==> flow/design.v <==
module sync_barrel_mod #(
  parameter integer BITS = 80,
  parameter integer SBITS = $clog2(BITS)
) (
  input logic sys_clk,
  input logic clr,
  input logic [BITS-1:0] ch,
  input logic [SBITS-1:0] sa,
  output logic [BITS-1:0] res
);
  logic [BITS-1:0] ch_r;
  logic [SBITS-1:0] sa_r;
  always_ff @(posedge sys_clk) begin
    if (clr) begin
      ch_r <= 0;
      sa_r <= 0;
      res <= 0;
    end else begin
      ch_r <= ch;
      sa_r <= sa;
      res <= ch_r >> sa_r;
    end
  end
endmodule
# From RTL to reports: sync_barrel_mod
# What the tools print for sync_barrel_mod, step after step.
# Lines are those of the file above, counted from 1.
# Library cell names are shortened.
# Not given: --
[design] design="sync_barrel_mod" clk_port="sys_clk" lib="sky130hd" lib_corner="tt_025C_1v80"

# Word-level counts
# Source: Yosys, flattened and elaborated, memories not mapped. Widths are those after wreduce; folded enables and synchronous resets count as part of the registers. Registers that Yosys merges into a memory's read port (data or address) are not register bits. Print and check cells do not count. Equal cells are merged and count once.
[word_totals] register_bits=167 inputBits=89 out_inout_bits=80 elab_cells=4
[op_classes] n_shift=1
[ops] operator="right shift 80 x 7 -> 80 bit" count=1

# Depth
# Longest topological path by Yosys (ltp), each cell counted once; first at word level (registers and memories cut), then after technology mapping (sequential cells cut; the memories' decode and read muxes count).
[depth] depth_word=1 abc_area=0 ltp_mapped=10 mapped_depth_nobuf=5

# Mapped cells and area
# Source: synth_stat.txt of the flow (Yosys; design flattened, memories mapped). It holds for the ABC_AREA given above (unset counts as 0); a run with the other value may have another netlist.
# Totals and module areas in this step are rounded.
[types] type="dfxtp_1" count=167 type_area_um2=3.34E+03
[types] type="mux4_2" count=89 type_area_um2=2E+03
[types] type="mux2i_1" count=76 type_area_um2=760.73
[types] type="mux2_2" count=61 type_area_um2=686.909
[types] type="nor2b_1" count=91 type_area_um2=569.296
[types] type="nand2_1" count=79 type_area_um2=296.534
[types] type="nor2_1" count=67 type_area_um2=251.491
[types] type="mux4_1" count=7 type_area_um2=183.926
[types] type="clkbuf_1" count=39 type_area_um2=146.39
[types] type="o22ai_1" count=18 type_area_um2=112.608
[types] type="nand3_1" count=22 type_area_um2=110.106
[types] type="buf_2" count=21 type_area_um2=105.101
[types] type="o22a_1" count=12 type_area_um2=105.101
[types] type="buf_12" count=5 type_area_um2=100.096
[types] type="a21oi_1" count=16 type_area_um2=80.077
[types] type="nor3_1" count=16 type_area_um2=80.077
[types] type="a221o_1" count=7 type_area_um2=70.067
[types] type="o21ai_0" count=14 type_area_um2=70.067
# Not listed: further types 52, cells in them 165.
[mapped] cell_count=972 area_um2=10000 sequential_area_um2=3300 flip_flops=167 n_buf=86

# Timing after synthesis
# Path of least setup slack by OpenSTA after synthesis, without wires, with an ideal clock, recovery checks aside; 20% of the period is set as input and as output delay. Where synthesis merged equal registers, the netlist keeps one of their names.
[synth_path] path_kind="reg2reg" from="register sa_r[0]" to="register res[9]" period_ps=2890 setup_time_ps=122 launch_ps=0 arrival_ps=2190 required_ps=2768 path_slack_ps=578 delay_ps=2312 path_stages=7 n_path_buf=2 period_less_setup_slack_ps=2312
# "delay_ps" = arrival - input delay + setup time.
# "path_stages": output pins that drive a net of the path, with the launching flip-flop's if there is one; two outputs of one cell count as two.
# "period_less_setup_slack_ps" is the clock period less the worst setup slack; recovery checks do not enter. This is arithmetic on one report: input and output delays are still those of the set period (20% each).
# The rows between start and end are the longest chain of elaborated cells between them; the timing report does not say that the signal goes this way. Where chains are equally long, one stands for them.
# Each line given opens the expression or statement behind the cell; cells for indexed reads and writes are added by Yosys, which also makes memories of some case tables.
[synth_via] cell_sequence="dfxtp_1 > buf_6 > buf_2 > mux4_2 > mux4_2 > a2bb2o_4 > a221o_1" elab_chain_len=1 cone_cells=1 cone_lines=1 cone_classes="shift (1)"
[synth_lines] element="start, declared" line_no=12 rtl="logic [SBITS-1:0] sa_r;"
[synth_lines] element="start, assigned" line_no=16 rtl="sa_r <= 0;"
[synth_lines] element="start, assigned" line_no=20 rtl="sa_r <= sa;"
[synth_lines] element="right shift 80 x 7 -> 80 bit" line_no=21 rtl="res <= ch_r >> sa_r;"
[synth_lines] element="end, assigned" line_no=17 rtl="res <= 0;"
[synth_lines] element="end, assigned" line_no=21
[synth_lines] element="end, declared" line_no=9 rtl="output logic [BITS-1:0] res"

# Timing after layout
# Path of least setup slack in the final report of flow run A (OpenROAD, finished layout, wires in). Where an end is a register, its clock arrival counts in the times.
# The report prints the path's times to 10 ps; the period is as set.
[layout_path] path_kind="reg2reg" from="register sa_r[0]" to="register res[44]" period_ps=2890 setup_time_ps=130 launch_ps=440 arrival_ps=2970 required_ps=3200 path_slack_ps=230 path_stages=8 n_path_buf=2
# The rows between start and end are the longest chain of elaborated cells between them; the timing report does not say that the signal goes this way. Where chains are equally long, one stands for them.
[layout_via] cell_sequence="dfxtp_4 > buf_12 > buf_12 > mux4_2 > mux4_2 > a221o_1 > nor2_1 > a211oi_1" elab_chain_len=1 cone_cells=1 cone_lines=1 cone_classes="shift (1)"
[layout_lines] element="start, declared" line_no=12 rtl="logic [SBITS-1:0] sa_r;"
[layout_lines] element="start, assigned" line_no=16 rtl="sa_r <= 0;"
[layout_lines] element="start, assigned" line_no=20 rtl="sa_r <= sa;"
[layout_lines] element="right shift 80 x 7 -> 80 bit" line_no=21 rtl="res <= ch_r >> sa_r;"
[layout_lines] element="end, assigned" line_no=17 rtl="res <= 0;"
[layout_lines] element="end, assigned" line_no=21
[layout_lines] element="end, declared" line_no=9 rtl="output logic [BITS-1:0] res"

Module sync_barrel_mod, platform sky130hd: 2 stored runs of the flow (Yosys, OpenROAD) with differing settings, in no particular order. Input and output delays are each 20% of the period that was set; the output load is 0.01 pF.
"achieved clock period" means the clock period less the worst setup slack. The figure is calculated, with input and output delays left at 20% of the set period.
"worst setup path time" means the part of the period allowed to the worst setup path (the constraints hold back 20% at inputs and 20% at outputs) less its slack; where the path has registers, the arrival times of their clocks count too.
By "power" is meant OpenSTA's value without simulated activity: inputs other than the clock are taken to toggle once in ten clock periods, and the tool carries that through the logic.
"worst setup path time" is known to 10 ps.
The results are shown rounded.
[flow run A] settings: period_ns=2.89, CAP_MARGIN=20, CORE_MARGIN=2, CORE_UTILIZATION=40, SLEW_MARGIN=20
[flow run A] result: chip area after synthesis (Yosys) 10000 um^2, die area 27000 um^2, standard-cell area of the final layout 13000 um^2, worst setup slack after layout 230 ps, total negative slack 0 ps, worst hold slack 480 ps, power 0.0067 W, achieved clock period 2662 ps, worst setup path time 2660 ps, worst setup path kind reg2reg
[flow run B] settings: period_ns=3.42, CORE_UTILIZATION=60, SETUP_SLACK_MARGIN=0.16, PLACE_DENSITY_LB_ADDON=0.2, CORE_ASPECT_RATIO=1.96, CORE_MARGIN=6, GPL_TIMING_DRIVEN=1, GPL_ROUTABILITY_DRIVEN=1, CAP_MARGIN=40, SLEW_MARGIN=20
[flow run B] result: chip area after synthesis (Yosys) 10000 um^2, die area 21000 um^2, standard-cell area of the final layout 13000 um^2, worst setup slack after layout 450 ps, total negative slack 0 ps, worst hold slack 560 ps, power 0.0058 W, achieved clock period 2970 ps, worst setup path time 2970 ps, worst setup path kind reg2reg
